==> flow/design.v <==
module alu_mpy (i_clk, RSTN, arg0, prod);
    parameter NBITS = 6;
    input i_clk;
    input RSTN;
    input [NBITS-1:0] arg0;
    output [2*NBITS-1:0] prod;
    reg [NBITS-1:0] arg0_r;
    always @(posedge i_clk) begin
        if (~RSTN) begin
            arg0_r <= 0;
        end else begin
            arg0_r <= arg0;
        end
    end
    assign prod = arg0_r * arg0_r;
endmodule
* Reports on alu_mpy
What the tools print for alu_mpy, step after step. Lines are those of the file above, counted from 1. The mark -- stands for no value.
Set-up: design top alu_mpy, clock port i_clk, cell library sky130hd, timing corner tt_025C_1v80

* Word-level counts
Counts by Yosys on the flattened word-level netlist (proc, flatten, opt, wreduce; memories kept). Register bits leave out memories and registers merged into their read ports (data or address); mux counts leave out enables and synchronous resets folded into registers. Print and check cells are left out. Cells with the same type and inputs are merged into one.
Storage and ports: bits in writable memories 0, register bits after elaboration 6, bits in latches 0, clocked read ports x word width 0, elaborated cells 2, memories kept 0, memory bits (read-only) 0, output and inout bits 12
Cells by class: multiplexer cells 0, bitwise operators 0, multipliers 1, shift operators 0, reduce/logical cells 0, equal/unequal tests 0, order comparisons 0, $add $sub $neg 0, div/mod/pow operators 0
Operators with widths (count):
- multiplier 6 x 6 -> 12 bit | 1

* Longest topological paths
Yosys ltp: most cells in a row. Word level: on the elaborated netlist, between registers, memories and ports. Mapped: between sequential cells and ports; inverters and the memories' decode and read muxes count.
Depth: word-level depth 1, ABC_AREA 0, mapped depth 13, gate-level depth less buffers 13

* Netlist
Yosys stat after the flow's synthesis: flattened, memories mapped to cells. It holds for the ABC_AREA given above (unset counts as 0); a run with the other value may have another netlist.
Cells by type:
- sky130_fd_sc_hd__ha_1 | count 13, total area 162.656 sq um
- sky130_fd_sc_hd__fa_1 | count 8, total area 160.154 sq um
- sky130_fd_sc_hd__dfxtp_1 | count 6, total area 120.115 sq um
- sky130_fd_sc_hd__and2_1 | count 16, total area 100.096 sq um
- sky130_fd_sc_hd__inv_1 | count 20, total area 75.072 sq um
- sky130_fd_sc_hd__xnor2_1 | count 5, total area 43.792 sq um
- sky130_fd_sc_hd__mux2i_1 | count 3, total area 30.029 sq um
- sky130_fd_sc_hd__xor2_1 | count 3, total area 26.275 sq um
- sky130_fd_sc_hd__nor2b_1 | count 4, total area 25.024 sq um
- sky130_fd_sc_hd__nand2_1 | count 6, total area 22.522 sq um
- sky130_fd_sc_hd__nor2_1 | count 5, total area 18.768 sq um
- sky130_fd_sc_hd__a21oi_2 | count 2, total area 17.517 sq um
- sky130_fd_sc_hd__buf_4 | count 2, total area 15.014 sq um
- sky130_fd_sc_hd__o21a_1 | count 2, total area 15.014 sq um
- sky130_fd_sc_hd__buf_6 | count 1, total area 11.261 sq um
- sky130_fd_sc_hd__a21oi_1 | count 2, total area 10.01 sq um
- sky130_fd_sc_hd__and4b_1 | count 1, total area 10.01 sq um
- sky130_fd_sc_hd__nand3_1 | count 2, total area 10.01 sq um
Not listed: further types 10, cells in them 10.
Mapped netlist: sequential part of the area 120.1 sq um, flip-flops 6, mapped area 938.4 sq um, buffers 4, mapped cells 111

* Timing after synthesis
Path of least setup slack by OpenSTA after synthesis, without wires, with an ideal clock, recovery checks aside; 20% of the period is set as input and as output delay. Where synthesis merged equal registers, the netlist keeps one of their names.
Timing post-synthesis: path type register to output, start reg arg0_r[0], end out prod[11], stages on the path 12, arrival 3203 ps, output delay 1000 ps, setup slack 797 ps, path delay 3203 ps, clock period 5000 ps, data required time 4000 ps, synthesis period reached 4203 ps
"path delay" = arrival - input delay + setup time. At an output port there is no setup time. "stages on the path": output pins that drive a net of the path, with the launching flip-flop's if there is one; two outputs of one cell count as two. "synthesis period reached" is the clock period less the worst setup slack; recovery checks do not enter. This is arithmetic on one report: input and output delays are still those of the set period (20% each). Between the ends stands the longest chain of elaborated cells between them, by number of cells; it is not shown to be the way that was timed. Of several equally long chains one is given. Each line given opens the expression or statement behind the cell; cells for indexed reads and writes are added by Yosys, which also makes memories of some case tables.
Between the ends, post-synthesis: cells stage by stage sky130_fd_sc_hd__dfxtp_1 -> sky130_fd_sc_hd__and2_1 -> sky130_fd_sc_hd__fa_1 -> sky130_fd_sc_hd__inv_1 -> sky130_fd_sc_hd__fa_1 -> sky130_fd_sc_hd__fa_1 -> sky130_fd_sc_hd__inv_1 -> sky130_fd_sc_hd__ha_1 -> sky130_fd_sc_hd__a21o_1 -> sky130_fd_sc_hd__a21oi_2 -> sky130_fd_sc_hd__o21a_1 -> sky130_fd_sc_hd__xor2_1, cells in the longest elaborated chain 1, elaborated cells on any way between the ends 1, classes of those cells 1 x mul
Ends and longest elaborated chain, post-synthesis:
- start, declared | RTL line 7 | reg [NBITS-1:0] arg0_r;
- start, assigned | RTL line 10 | arg0_r <= 0;
- start, assigned | RTL line 12 | arg0_r <= arg0;
- multiplier 6 x 6 -> 12 bit | RTL line 15 | assign prod = arg0_r * arg0_r;
- end, declared | RTL line 6 | output [2*NBITS-1:0] prod;

* Path in the finished layout
Path of least setup slack in the final report of record 1 (OpenROAD, finished layout, wires in). Where an end is a register, its clock arrival counts in the times. The path's times are printed in steps of 10 ps; the period is the one set.
Timing post-layout: path type register to output, start reg arg0_r[5], end out prod[10], arrival 3670 ps, setup slack 120 ps, clock period 4740 ps, output delay 950 ps, data required time 3790 ps, stages on the path 13
Between the ends stands the longest chain of elaborated cells between them, by number of cells; it is not shown to be the way that was timed. Of several equally long chains one is given.
Between the ends, post-layout: cells stage by stage sky130_fd_sc_hd__dfxtp_2 -> sky130_fd_sc_hd__and2_1 -> sky130_fd_sc_hd__fa_1 -> sky130_fd_sc_hd__inv_1 -> sky130_fd_sc_hd__fa_1 -> sky130_fd_sc_hd__fa_1 -> sky130_fd_sc_hd__inv_1 -> sky130_fd_sc_hd__ha_4 -> sky130_fd_sc_hd__and3b_2 -> sky130_fd_sc_hd__o2111ai_2 -> sky130_fd_sc_hd__mux2i_1 -> sky130_fd_sc_hd__nand3_1 -> sky130_fd_sc_hd__dlygate4sd2_1, cells in the longest elaborated chain 1, elaborated cells on any way between the ends 1, classes of those cells 1 x mul
Ends and longest elaborated chain, post-layout:
- start, declared | RTL line 7 | reg [NBITS-1:0] arg0_r;
- start, assigned | RTL line 10 | arg0_r <= 0;
- start, assigned | RTL line 12 | arg0_r <= arg0;
- multiplier 6 x 6 -> 12 bit | RTL line 15 | assign prod = arg0_r * arg0_r;
- end, declared | RTL line 6 | output [2*NBITS-1:0] prod;

Appendix: measured runs

Module alu_mpy, platform sky130hd: 3 stored runs of the flow (Yosys, OpenROAD) with differing settings, in no particular order. Input and output delays are each 20% of the period that was set; the output load is 0.01 pF.
"clock period achieved": clock period set for the run, less the worst setup slack. It is reckoned from that one timing run; input and output delays stay at 20% of the period that was set.
"allowed time less slack (worst setup path)": the worst setup path's part of the clock period (all of it between registers, 20% less for each end at a port) less its slack. A launch clock that arrives late makes it longer, a capture clock that arrives late makes it shorter.
By "power consumption" is meant OpenSTA's value without simulated activity: inputs other than the clock are taken to toggle once in ten clock periods, and the tool carries that through the logic.
"allowed time less slack (worst setup path)" is given in steps of 10 ps.

* Record 1 | settings: period_ns 4.74; CORE_UTILIZATION 63; TNS_END_PERCENT 70; GPL_ROUTABILITY_DRIVEN 0; CTS_CLUSTER_DIAMETER 260; CAP_MARGIN 25; MIN_ROUTING_LAYER met1; MAX_ROUTING_LAYER met4; CORE_MARGIN 2; SLEW_MARGIN 20 | results: synthesis area 938.4 sq um; area of the die 1814.3 sq um; standard-cell area of the final layout 1187.4 sq um; utilization in the final report 88.0 %; worst setup slack after layout 122 ps; final setup TNS 0 ps; post-route worst hold slack 1289 ps; power consumption 195.9 uW; clock period achieved 4618 ps; allowed time less slack (worst setup path) 3670 ps; type of the worst setup path register to output
* Record 2 | settings: period_ns 5.0; CAP_MARGIN 20; CORE_MARGIN 2; CORE_UTILIZATION 40; SLEW_MARGIN 20 | results: synthesis area 938.4 sq um; area of the die 2749.4 sq um; standard-cell area of the final layout 1188.6 sq um; utilization in the final report 53.7 %; worst setup slack after layout 209 ps; final setup TNS 0 ps; post-route worst hold slack 1334 ps; power consumption 176.5 uW; clock period achieved 4791 ps; allowed time less slack (worst setup path) 3790 ps; type of the worst setup path register to output
* Record 3 | settings: period_ns 4.88; CORE_UTILIZATION 29; SETUP_SLACK_MARGIN 0.92; PLACE_DENSITY_LB_ADDON 0.28; CORE_ASPECT_RATIO 0.69; CELL_PAD_IN_SITES_DETAIL_PLACEMENT 0; TNS_END_PERCENT 60; MIN_ROUTING_LAYER met2; CAP_MARGIN 20; CORE_MARGIN 2; SLEW_MARGIN 20 | results: synthesis area 938.4 sq um; area of the die 3714.6 sq um; standard-cell area of the final layout 1268.7 sq um; utilization in the final report 40.3 %; worst setup slack after layout 554 ps; final setup TNS 0 ps; post-route worst hold slack 1324 ps; power consumption 218.3 uW; clock period achieved 4326 ps; allowed time less slack (worst setup path) 3350 ps; type of the worst setup path register to output
